==> flow/design.v <==
module sh_core_v2 #(
    parameter NBITS = 80,
    parameter SEL_W = $clog2(NBITS)
) (
    input logic clk_i,
    input logic rst_ni,
    input logic clk_en,
    input logic [NBITS-1:0] ch,
    input logic [SEL_W-1:0] shamt,
    output logic [NBITS-1:0] data_out
);
    always_ff @(posedge clk_i) begin
        if (~rst_ni) begin
            data_out <= 0;
        end else if (clk_en) begin
            data_out <= (ch << shamt) | (ch >> (NBITS - shamt));
        end
    end
endmodule
### Tool chain data of sh_core_v2

What the tools print for sh_core_v2, step after step.
Lines are those of the file above, counted from 1.
Library cell names are shortened.
A cell with - has no value.

| design | value |
|---|---|
| top module | sh_core_v2 |
| clock input | clk_i |
| standard-cell library | sky130hd |
| corner | tt_025C_1v80 |

### Word-level counts

Yosys after proc, flatten, opt, wreduce and memory -nomap, before mapping. Enables and synchronous resets that opt folds into registers are not counted as muxes. Memory bits, and registers merged into a memory's read port (data or address), are not among the register bits. Print and check cells are not counted. Equal cells are merged and count once.

| storage and ports | value |
|---|---|
| output and inout port bits | 80 |
| bits in registers | 80 |
| bits of input ports | 90 |
| word-level cells | 5 |

| cells by class | value |
|---|---|
| add/sub/neg operators | 1 |
| shift operators | 2 |
| bitwise operators | 1 |

Operators by type and width:

| cell | count |
|---|---|
| 80-bit by 32-bit right shift with 80-bit output | 1 |
| 80-bit by 7-bit << shifter with 80-bit output | 1 |
| 80-bit OR | 1 |
| 7-bit by 7-bit subtractor with 8-bit output with constant A | 1 |

### Longest topological paths

Depth = most cells in a row (Yosys ltp): at word level without a register or memory, in the mapped netlist without a sequential cell, where the memories' decode and read muxes count.

| logic depth | value |
|---|---|
| depth in word-level cells | 3 |
| ABC_AREA | 0 |
| depth in mapped cells | 18 |

### Synthesis result

Source: synth_stat.txt of the flow (Yosys; design flattened, memories mapped). It holds for the ABC_AREA given above (unset counts as 0); a run with the other value may have another netlist.

| synthesis totals | value |
|---|---|
| mapped cells | 1647 |
| cell area after synthesis | 0.0147929 mm^2 |
| flip-flops | 80 |

Cells by type:

| cell type | count | area in all (um^2) |
|---|---|---|
| mux4_2 | 164 | 3.69E+03 |
| dfxtp_1 | 80 | 1.6E+03 |
| mux2i_1 | 154 | 1.54E+03 |
| mux2_2 | 100 | 1126.08 |
| nand2_1 | 205 | 769.488 |
| o21ai_0 | 103 | 515.494 |
| a21oi_1 | 94 | 470.451 |
| nor2_1 | 113 | 424.157 |
| buf_2 | 65 | 325.312 |
| o211ai_1 | 34 | 255.245 |
| mux4_1 | 9 | 236.477 |
| o221ai_1 | 27 | 236.477 |
| clkbuf_1 | 62 | 232.723 |
| buf_6 | 20 | 225.216 |
| nand3_1 | 40 | 200.192 |
| o21ai_1 | 37 | 185.178 |
| a211oi_1 | 22 | 165.158 |
| o22ai_1 | 19 | 118.864 |

Other cell types: 84; their cells: 299.

### Worst setup path after synthesis

Path of least setup slack by OpenSTA after synthesis, without wires, with an ideal clock, recovery checks aside; 20% of the period is set as input and as output delay. Where synthesis merged equal registers, the netlist keeps one of their names.

| path post-synthesis | value |
|---|---|
| path kind | input -> register |
| start point | in shamt[0] |
| end point | reg data_out[22] |
| path buffers | 7 |
| time at the first pin | 0.992 ns |
| required time | 4.833 ns |
| period | 4.96 ns |
| delay of the path | 3.174 ns |
| slack | 0.794 ns |
| library setup time | 0.127 ns |
| stages on the path | 15 |
| arrival time | 4.039 ns |
| input delay | 0.992 ns |
| synthesis period reached | 4.166 ns |

"delay of the path" = arrival - input delay + setup time.
"stages on the path": output pins that drive a net of the path, with the launching flip-flop's if there is one; two outputs of one cell count as two.
"synthesis period reached" is the clock period less the worst setup slack; recovery checks do not enter. This is arithmetic on one report: input and output delays are still those of the set period (20% each).
The rows between start and end are the longest chain of elaborated cells between them; the timing report does not say that the signal goes this way. Where chains are equally long, one stands for them.
A line is the first line of the expression or statement that the cell stems from. Yosys adds cells for indexed reads and writes and turns some case tables into memories.

| between the ends, post-synthesis | value |
|---|---|
| cells stage by stage | buf_6 buf_12 inv_4 buf_4 buf_2 ha_1 buf_4 buf_2 buf_2 mux2_2 mux4_2 o211ai_1 mux2i_1 a222oi_1 nand2_1 |
| cells in the longest elaborated chain | 3 |
| elaborated cells between the ends (all ways) | 4 |
| those cells by class | add/sub (1); shift (2); logic (1) |

RTL lines, path post-synthesis:

| element | RTL line | text |
|---|---|---|
| start, declared | 9 | `input logic [SEL_W-1:0] shamt,` |
| 7-bit by 7-bit subtractor with 8-bit output | 16 | `data_out <= (ch << shamt) \| (ch >> (NBITS - shamt));` |
| 80-bit by 32-bit right shift with 80-bit output | 16 |  |
| 80-bit OR | 16 |  |
| end, assigned | 14 | `data_out <= 0;` |
| end, assigned | 16 |  |
| end, declared | 10 | `output logic [NBITS-1:0] data_out` |

### Path in the finished layout

From the final timing report of entry A: the path of least setup slack in the routed layout; clock arrival at registers is part of the times.

| path post-layout | value |
|---|---|
| path kind | input -> register |
| start point | in shamt[1] |
| end point | reg data_out[13] |
| path buffers | 2 |
| library setup time | 0.13 ns |
| input delay | 1.11 ns |
| period | 5.54 ns |
| arrival time | 4.63 ns |
| time at the first pin | 1.11 ns |
| required time | 5.76 ns |
| stages on the path | 10 |
| slack | 1.13 ns |

The rows between start and end are the longest chain of elaborated cells between them; the timing report does not say that the signal goes this way. Where chains are equally long, one stands for them.

| between the ends, post-layout | value |
|---|---|
| cells stage by stage | buf_4 inv_1 ha_4 buf_12 mux2_2 mux4_2 mux2i_1 o21ai_0 o21ai_1 a21oi_1 |
| cells in the longest elaborated chain | 3 |
| elaborated cells between the ends (all ways) | 4 |
| those cells by class | add/sub (1); shift (2); logic (1) |

RTL lines, path post-layout:

| element | RTL line | text |
|---|---|---|
| start, declared | 9 | `input logic [SEL_W-1:0] shamt,` |
| 7-bit by 7-bit subtractor with 8-bit output | 16 | `data_out <= (ch << shamt) \| (ch >> (NBITS - shamt));` |
| 80-bit by 32-bit right shift with 80-bit output | 16 |  |
| 80-bit OR | 16 |  |
| end, assigned | 14 | `data_out <= 0;` |
| end, assigned | 16 |  |
| end, declared | 10 | `output logic [NBITS-1:0] data_out` |

Module sh_core_v2, platform sky130hd: 2 stored runs of the flow (Yosys, OpenROAD) with differing settings, in no particular order. Input and output delays are each 20% of the period that was set; the output load is 0.01 pF.
"clock period achieved": clock period set for the run, less the worst setup slack. It is reckoned from that one timing run; input and output delays stay at 20% of the period that was set.
"critical setup path time" is the time allowed to the run's worst setup path (the clock period less input and output delay, where it has them) less its slack. Clock arrival times count: a late capture clock shortens it, a late launch clock lengthens it.
By "total design power" is meant OpenSTA's value without simulated activity: inputs other than the clock are taken to toggle once in ten clock periods, and the tool carries that through the logic.

#### Entry A

| setting | value |
|---|---|
| period_ns | `5.54` |
| CORE_UTILIZATION | `25` |
| SETUP_SLACK_MARGIN | `-0.03` |
| CELL_PAD_IN_SITES_GLOBAL_PLACEMENT | `0` |
| ABC_AREA | `0` |
| GPL_ROUTABILITY_DRIVEN | `1` |
| CAP_MARGIN | `20` |
| CORE_MARGIN | `2` |
| SLEW_MARGIN | `20` |

| result | value |
|---|---|
| total negative slack | 0.000 ns |
| utilization after routing | 29.6 % |
| total design power | 0.003532 W |
| worst setup slack after layout | 1.128 ns |
| area of the synthesized netlist | 0.0147929 mm^2 |
| die outline area | 0.0611326 mm^2 |
| std-cell area (final layout) | 0.0174054 mm^2 |
| worst-case hold slack | 0.471 ns |
| clock period achieved | 4.412 ns |
| critical setup path time | 3.30 ns |
| type of the worst setup path | input -> register |

#### Entry B

| setting | value |
|---|---|
| period_ns | `4.96` |
| CAP_MARGIN | `20` |
| CORE_MARGIN | `2` |
| CORE_UTILIZATION | `40` |
| SLEW_MARGIN | `20` |

| result | value |
|---|---|
| worst setup slack after layout | 0.841 ns |
| utilization after routing | 47.6 % |
| std-cell area (final layout) | 0.0173692 mm^2 |
| worst-case hold slack | 0.483 ns |
| clock period achieved | 4.119 ns |
| total negative slack | 0.000 ns |
| total design power | 0.004052 W |
| die outline area | 0.0385357 mm^2 |
| area of the synthesized netlist | 0.0147929 mm^2 |
| critical setup path time | 3.13 ns |
| type of the worst setup path | input -> register |
